==> flow/design.v <==
module cpu_multiplier_v2 #(
  parameter integer WD = 36,
  parameter integer MULT_BY = 46341,
  parameter integer SUM_W = WD + $clog2(MULT_BY + 1)
) (
  input wire i_clk,
  input wire rst_i,
  input wire adv,
  input wire [WD-1:0] u,
  output wire [SUM_W-1:0] q
);
  reg [WD-1:0] u_r;
  always @(posedge i_clk) begin
    if (rst_i) begin
      u_r <= 0;
    end else if (adv) begin
      u_r <= u;
    end
  end
  reg [SUM_W-1:0] r;
  integer k;
  always @* begin
    r = 0;
    for (k = 0; k < SUM_W - WD; k = k + 1)
      if ((MULT_BY >> k) & 1) r = r + (u_r << k);
  end
  assign q = r;
endmodule
# Step by step through the tools: cpu_multiplier_v2
# Tool output for the design above, in the order of the flow.
# Lines are those of the file above, counted from 1.
# Operators: Yosys type, input widths -> output width; for muxes data width and select width s.
# Library cell names are shortened.
# A cell with - has no value.
[inputs]
design = "cpu_multiplier_v2"
clk_port = "i_clk"
cell_library = "sky130hd"
pvt_corner = "tt_025C_1v80"

# Elaborated design
# Source: Yosys, flattened and elaborated, memories not mapped. Widths are those after wreduce; folded enables and synchronous resets count as part of the registers. Registers that Yosys merges into a memory's read port (data or address) are not register bits. Print and check cells do not count. Equal cells are merged and count once.
[bits]
register_bits = 36
in_bits = 39
output_inout_bits = 52
wordCells = 7
[classes]
addsub = 6
[ops]
columns = ["op", "n"]
rows = [
  ["$add 50x51->52", 1],
  ["$add 49x49->50", 1],
  ["$add 47x48->49", 1],
  ["$add 45x46->47", 1],
  ["$add 39x44->45", 1],
  ["$add 36x38->39", 1],
]

# Depth
# Longest topological path by Yosys (ltp), each cell counted once; first at word level (registers and memories cut), then after technology mapping (sequential cells cut; the memories' decode and read muxes count).
[logic_depth]
depth_word = 6
ABC_AREA = 0
ltp_mapped = 18

# After synthesis
# The flow's flattened synthesis, as Yosys stat reports it; memories are mapped. The netlist is that of the ABC_AREA named above (0 if unset); the other value can give another one.
# The area totals of this step are shown rounded.
[by_type]
columns = ["cell", "n", "area_total_um2"]
rows = [
  ["fa_1", 155, 3.1E+03],
  ["ha_1", 107, 1.34E+03],
  ["inv_1", 217, 814.531],
  ["dfxtp_1", 36, 720.691],
  ["mux2i_1", 36, 360.346],
  ["a21oi_1", 49, 245.235],
  ["nor2_1", 64, 240.23],
  ["xnor2_1", 26, 227.718],
  ["xor2_1", 16, 140.134],
  ["a21o_1", 18, 135.13],
  ["nand2_1", 27, 101.347],
  ["o21ai_0", 19, 95.091],
  ["nand4_1", 15, 93.84],
  ["clkbuf_1", 20, 75.072],
  ["o21a_1", 8, 60.058],
  ["a31oi_1", 8, 50.048],
  ["nand3_1", 10, 50.048],
  ["o21bai_1", 5, 37.536],
]
# Not listed: further types 36, cells in them 76.
[synth_totals]
mapped_cells = 912
synth_area_um2 = 8510
seq_area_um2 = 721
flip_flops = 36

# Path before layout
# Path of least setup slack by OpenSTA after synthesis, without wires, with an ideal clock, recovery checks aside; 20% of the period is set as input and as output delay. Where synthesis merged equal registers, the netlist keeps one of their names.
[synth_path]
kind = "reg-to-output"
from = "reg u_r[6]"
to = "out q[50]"
clock_period_ns = 7.69
out_delay_ns = 1.538
arrival_time_ns = 4.920
path_slack_ns = 1.232
path_delay_ns = 4.920
driving_pins = 18
period_less_setup_slack_ns = 6.458
# "path_delay_ns" = arrival - input delay + setup time.
# A path that ends at an output port has no setup time.
# "driving_pins" counts driving pins, that of a launching flip-flop among them; a cell with two outputs on the path counts twice.
# "period_less_setup_slack_ns" is the clock period less the worst setup slack; recovery checks do not enter. This is arithmetic on one report: input and output delays are still those of the set period (20% each).
# The rows between start and end are the longest chain of elaborated cells between them; the timing report does not say that the signal goes this way. Where chains are equally long, one stands for them.
# A line is the first line of the expression or statement that the cell stems from. Yosys adds cells for indexed reads and writes and turns some case tables into memories.
[synth_via]
path_cell_list = "dfxtp_1 inv_1 fa_1 inv_1 fa_1 fa_1 inv_1 fa_1 inv_1 ha_1 and4_1 nand3_1 or4_1 nand3_2 o21ai_4 o311ai_4 a311oi_1 xnor2_1"
elab_chain_cells = 6
[synth_rtl]
columns = ["item", "line_no", "text"]
rows = [
  ["start, declared", 12, "reg [WD-1:0] u_r;"],
  ["start, assigned", 15, "u_r <= 0;"],
  ["start, assigned", 17, "u_r <= u;"],
  ["$add 36x38->39", 25, "if ((MULT_BY >> k) & 1) r = r + (u_r << k);"],
  ["$add 39x44->45", 25, ""],
  ["$add 45x46->47", 25, ""],
  ["$add 47x48->49", 25, ""],
  ["$add 49x49->50", 25, ""],
  ["$add 50x51->52", 25, ""],
  ["end, declared", 10, "output wire [SUM_W-1:0] q"],
]

# Path in the finished layout
# From the final timing report of entry A: the path of least setup slack in the routed layout; clock arrival at registers is part of the times.
[layout_path]
kind = "reg-to-output"
from = "reg u_r[13]"
to = "out q[32]"
clock_period_ns = 6.27
out_delay_ns = 1.25
arrival_time_ns = 5.31
path_slack_ns = -0.30
driving_pins = 20
# The rows between start and end are the longest chain of elaborated cells between them; the timing report does not say that the signal goes this way. Where chains are equally long, one stands for them.
[layout_via]
path_cell_list = "dfxtp_4 buf_6 fa_1 fa_2 fa_1 inv_2 fa_1 inv_2 ha_4 buf_6 a21oi_4 a21boi_4 nand3_4 buf_6 buf_6 a221o_1 a31oi_2 buf_4 xnor2_2 buf_2"
elab_chain_cells = 6
[layout_rtl]
columns = ["item", "line_no", "text"]
rows = [
  ["start, declared", 12, "reg [WD-1:0] u_r;"],
  ["start, assigned", 15, "u_r <= 0;"],
  ["start, assigned", 17, "u_r <= u;"],
  ["$add 36x38->39", 25, "if ((MULT_BY >> k) & 1) r = r + (u_r << k);"],
  ["$add 39x44->45", 25, ""],
  ["$add 45x46->47", 25, ""],
  ["$add 47x48->49", 25, ""],
  ["$add 49x49->50", 25, ""],
  ["$add 50x51->52", 25, ""],
  ["end, declared", 10, "output wire [SUM_W-1:0] q"],
]

# Design cpu_multiplier_v2 on sky130hd. What follows are 3 stored runs of the flow, each under its own settings; their order means nothing. The constraints put input and output delay at 20% of the set period each and load the outputs with 0.01 pF.
# "timing.achieved_period_ns": clock period set for the run, less the worst setup slack. It is reckoned from that one timing run; input and output delays stay at 20% of the period that was set.
# "worst_path_ns" is the time allowed to the run's worst setup path (the clock period less input and output delay, where it has them) less its slack. Clock arrival times count: a late capture clock shortens it, a late launch clock lengthens it.
# "totalPower_mw": no workload was simulated; the value follows from the tool's default switching activity.
# The measured numbers are rounded.

[[run]]
name = "entry A"
[run.settings]
period_ns = 6.27
CORE_UTILIZATION = 53
SETUP_SLACK_MARGIN = 1.66
CELL_PAD_IN_SITES_DETAIL_PLACEMENT = 0
TNS_END_PERCENT = 95
CTS_CLUSTER_SIZE = 41
CTS_CLUSTER_DIAMETER = 334
CAP_MARGIN = 25
SLEW_MARGIN = 25
MIN_ROUTING_LAYER = "met2"
MAX_ROUTING_LAYER = "met4"
CORE_MARGIN = 2
[run.results]
yosys_chip_area_um2 = 8510
final_die_area_um2 = 17100
finish.stdcell_area_um2 = 12800
util_pct = 81.3
worst_setup_slack_ns = -0.299
tns_setup_ns = -3.76
totalPower_mw = 5.41
timing.achieved_period_ns = 6.569
worst_path_ns = 5.31
worstPathKind = "reg-to-output"

[[run]]
name = "entry B"
[run.settings]
period_ns = 7.69
CAP_MARGIN = 20
CORE_MARGIN = 2
CORE_UTILIZATION = 40
SLEW_MARGIN = 20
[run.results]
yosys_chip_area_um2 = 8510
final_die_area_um2 = 22500
finish.stdcell_area_um2 = 10000
util_pct = 47.9
worst_setup_slack_ns = 0.245
tns_setup_ns = 0.000
totalPower_mw = 2.88
timing.achieved_period_ns = 7.445
worst_path_ns = 5.91
worstPathKind = "reg-to-output"

[[run]]
name = "entry C"
[run.settings]
period_ns = 7.88
CORE_UTILIZATION = 38
PLACE_DENSITY_LB_ADDON = 0.17
CORE_ASPECT_RATIO = 1.04
TNS_END_PERCENT = 20
ABC_AREA = 1
GPL_TIMING_DRIVEN = 0
GPL_ROUTABILITY_DRIVEN = 0
CTS_CLUSTER_SIZE = 21
CAP_MARGIN = 20
SLEW_MARGIN = 10
CORE_MARGIN = 2
[run.results]
yosys_chip_area_um2 = 9780
final_die_area_um2 = 27000
finish.stdcell_area_um2 = 11300
util_pct = 44.7
worst_setup_slack_ns = 0.834
tns_setup_ns = 0.000
totalPower_mw = 4.86
timing.achieved_period_ns = 7.046
worst_path_ns = 5.47
worstPathKind = "reg-to-output"
